==> flow/design.v <==
module alu_arith_rtl #(
    parameter DW = 7
) (
    input  logic clk,
    input  logic nrst,
    input  logic [DW-1:0] a,
    input  logic [DW-1:0] b,
    output logic [DW-1:0] out
);
    logic [DW-1:0] a_s;
    logic [DW-1:0] b_s;
    logic [DW-1:0] out_s;
    always_ff @(posedge clk or negedge nrst) begin
        if (~nrst) begin
            a_s <= '0;
            b_s <= '0;
            out_s <= '0;
        end else begin
            a_s <= a;
            b_s <= b;
            out_s <= (a_s > b_s) ? a_s - b_s : b_s - a_s;
        end
    end
    assign out = out_s;
endmodule
==> From RTL to reports: alu_arith_rtl <==
Tool output for the design above, in the order of the flow.
Line numbers count from 1 in the design file above.
Operators carry their Yosys type and port widths (W data, S select, Z words).
Library cell names are shortened.
{ "setup": {"design": "alu_arith_rtl", "clock": "clk", "library": "sky130hd", "corner": "tt_025C_1v80"} }

==> Word level <==
Counts by Yosys on the flattened word-level netlist (proc, flatten, opt, wreduce; memories kept). Register bits leave out memories and registers merged into their read ports (data or address); mux counts leave out enables and synchronous resets folded into registers. Print and check cells are left out. Cells with the same type and inputs are merged into one.
{ "word_totals": {"reg_bits": 21, "input_bits": 16} }
{ "classes": {"add_sub_neg": 2, "compare": 1, "mux": 1} }
{ "op_table": {"columns": ["cell", "n"], "rows": [
  ["$sub A7 B7 Y7", 2],
  ["$gt A7 B7 Y1", 1],
  ["$mux W7", 1]
]} }

==> Logic depth <==
Longest topological path by Yosys (ltp), each cell counted once; first at word level (registers and memories cut), then after technology mapping (sequential cells cut; the memories' decode and read muxes count).
{ "logic_depth": {"ltp_word": 2, "ABC_AREA": 0, "mapped_depth": 9, "mapped_depth_nobuf": 8} }

==> Netlist <==
The flow's flattened synthesis, as Yosys stat reports it; memories are mapped. The netlist is that of the ABC_AREA named above (0 if unset); the other value can give another one.
The area totals of this step are shown rounded.
{ "by_type": {"columns": ["cell_type", "n"], "rows": [
  ["dfrtp_1", 21],
  ["ha_1", 13],
  ["inv_1", 14],
  ["fa_1", 2],
  ["a21oi_1", 7],
  ["nor3_1", 7],
  ["nor4b_2", 2],
  ["a21o_1", 3],
  ["a22oi_1", 3],
  ["buf_6", 2],
  ["nand2_1", 6],
  ["nand3b_1", 3],
  ["o21a_1", 3],
  ["nor2b_1", 3],
  ["o21ba_4", 1],
  ["o311ai_2", 1],
  ["o21ai_0", 3],
  ["nand2b_1", 2]
]} }
Other cell types: 20; their cells: 21.
{ "synth_totals": {"stdcells": 117, "synth_area_um2": 1240, "seqArea_um2": 526, "ff_cells": 21, "n_buf": 4} }

==> Path before layout <==
Source: OpenSTA report_checks on the synthesized netlist (no wires, ideal clock, input and output delay 20% of the period each), path of least setup slack; recovery checks are left aside. Register names are those of the netlist, which keeps one name where synthesis merged equal registers.
{ "synth_path": {"path_kind": "register to register", "startpoint": "register a_s[1]", "endpoint": "register out_s[3]", "clock_period_ns": 2.45, "setup_time_ns": 0.079, "t_arrival_ns": 1.882, "setup_slack_ns": 0.489, "path_delay_ns": 1.961, "driving_pins": 8, "synth_period_reached_ns": 1.961} }
"path_delay_ns" = arrival - input delay + setup time.
"driving_pins": output pins that drive a net of the path, with the launching flip-flop's if there is one; two outputs of one cell count as two.
"synth_period_reached_ns" is the clock period less the worst setup slack; recovery checks do not enter. This is arithmetic on one report: input and output delays are still those of the set period (20% each).
Between the ends stands the longest chain of elaborated cells between them, by number of cells; it is not shown to be the way that was timed. Of several equally long chains one is given.
Each line given opens the expression or statement behind the cell; cells for indexed reads and writes are added by Yosys, which also makes memories of some case tables.
{ "synth_via": {"cell_sequence": "dfrtp_1 -> inv_1 -> ha_1 -> nor2b_1 -> o21ba_4 -> or4_1 -> a32oi_1 -> xor2_1", "elab_chain_cells": 2} }
{ "synth_rtl": {"columns": ["element", "line", "text"], "rows": [
  ["from (decl)", 10, "logic [DW-1:0] a_s;"],
  ["from (assign)", 15, "a_s <= '0;"],
  ["from (assign)", 19, "a_s <= a;"],
  ["$sub A7 B7 Y7", 21, "out_s <= (a_s > b_s) ? a_s - b_s : b_s - a_s;"],
  ["$mux W7", 21, null],
  ["to (assign)", 17, "out_s <= '0;"],
  ["to (assign)", 21, null],
  ["to (decl)", 12, "logic [DW-1:0] out_s;"]
]} }

==> Worst path after layout <==
From the final timing report of record 1: the path of least setup slack in the routed layout; clock arrival at registers is part of the times.
{ "layout_path": {"path_kind": "register to register", "startpoint": "register a_s[3]", "endpoint": "register out_s[3]", "clock_period_ns": 2.54, "setup_time_ns": 0.11, "t_arrival_ns": 2.43, "setup_slack_ns": 0.32, "driving_pins": 8} }
Between the ends stands the longest chain of elaborated cells between them, by number of cells; it is not shown to be the way that was timed. Of several equally long chains one is given.
{ "layout_via": {"cell_sequence": "dfrtp_1 -> inv_1 -> ha_1 -> a21oi_1 -> nor2b_1 -> o311ai_2 -> a32oi_1 -> xor2_1", "elab_chain_cells": 2} }
{ "layout_rtl": {"columns": ["element", "line", "text"], "rows": [
  ["from (decl)", 10, "logic [DW-1:0] a_s;"],
  ["from (assign)", 15, "a_s <= '0;"],
  ["from (assign)", 19, "a_s <= a;"],
  ["$sub A7 B7 Y7", 21, "out_s <= (a_s > b_s) ? a_s - b_s : b_s - a_s;"],
  ["$mux W7", 21, null],
  ["to (assign)", 17, "out_s <= '0;"],
  ["to (assign)", 21, null],
  ["to (decl)", 12, "logic [DW-1:0] out_s;"]
]} }

Add stored flow runs of alu_arith_rtl

Design alu_arith_rtl on sky130hd. What follows are 3 stored runs of the flow, each under its own settings; their order means nothing. The constraints put input and output delay at 20% of the set period each and load the outputs with 0.01 pF.
"period_less_ws_ns" means the clock period less the worst setup slack. The figure is calculated, with input and output delays left at 20% of the set period.
By "critical_path_time_ns" is meant the share of the clock period that the worst setup path is allowed (20% is reserved at inputs, 20% at outputs), minus its slack. Clock arrival times at its registers enter into it.
"fin_power_mw": no workload was simulated; the value follows from the tool's default switching activity.
Values from the reports are rounded here.
[
  {
    "run": "record 1",
    "settings": { "period_ns": 2.54, "CORE_UTILIZATION": 34, "SETUP_SLACK_MARGIN": -0.12, "PLACE_DENSITY_LB_ADDON": 0.17, "CELL_PAD_IN_SITES_GLOBAL_PLACEMENT": 2, "CELL_PAD_IN_SITES_DETAIL_PLACEMENT": 1, "TNS_END_PERCENT": 50, "ABC_AREA": 0, "GPL_TIMING_DRIVEN": 1, "GPL_ROUTABILITY_DRIVEN": 0, "CTS_CLUSTER_SIZE": 88, "CAP_MARGIN": 10, "SLEW_MARGIN": 35, "CORE_MARGIN": 2 },
    "results": { "yosys.chip_area_um2": 1240, "design.die.area_um2": 4160, "layout_stdcell_area_um2": 1520, "fin_util_frac": 0.445, "ws_setup_ns": 0.323, "tns_setup_ns": 0.000, "fin_power_mw": 0.802, "period_less_ws_ns": 2.217, "critical_path_time_ns": 2.22, "path_kind": "register to register" }
  },
  {
    "run": "record 2",
    "settings": { "period_ns": 2.45, "CAP_MARGIN": 20, "CORE_MARGIN": 2, "CORE_UTILIZATION": 40, "SLEW_MARGIN": 20 },
    "results": { "yosys.chip_area_um2": 1240, "design.die.area_um2": 3570, "layout_stdcell_area_um2": 1500, "fin_util_frac": 0.501, "ws_setup_ns": 0.327, "tns_setup_ns": 0.000, "fin_power_mw": 0.816, "period_less_ws_ns": 2.123, "critical_path_time_ns": 2.12, "path_kind": "register to register" }
  },
  {
    "run": "record 3",
    "settings": { "period_ns": 1.38, "CORE_UTILIZATION": 51, "SETUP_SLACK_MARGIN": 0.29, "PLACE_DENSITY_LB_ADDON": 0.04, "CELL_PAD_IN_SITES_GLOBAL_PLACEMENT": 1, "GPL_ROUTABILITY_DRIVEN": 1, "CAP_MARGIN": 35, "SLEW_MARGIN": 5, "CORE_MARGIN": 2 },
    "results": { "yosys.chip_area_um2": 1240, "design.die.area_um2": 2850, "layout_stdcell_area_um2": 1790, "fin_util_frac": 0.793, "ws_setup_ns": -0.533, "tns_setup_ns": -2.72, "fin_power_mw": 1.56, "period_less_ws_ns": 1.913, "critical_path_time_ns": 1.91, "path_kind": "register to register" }
  }
]
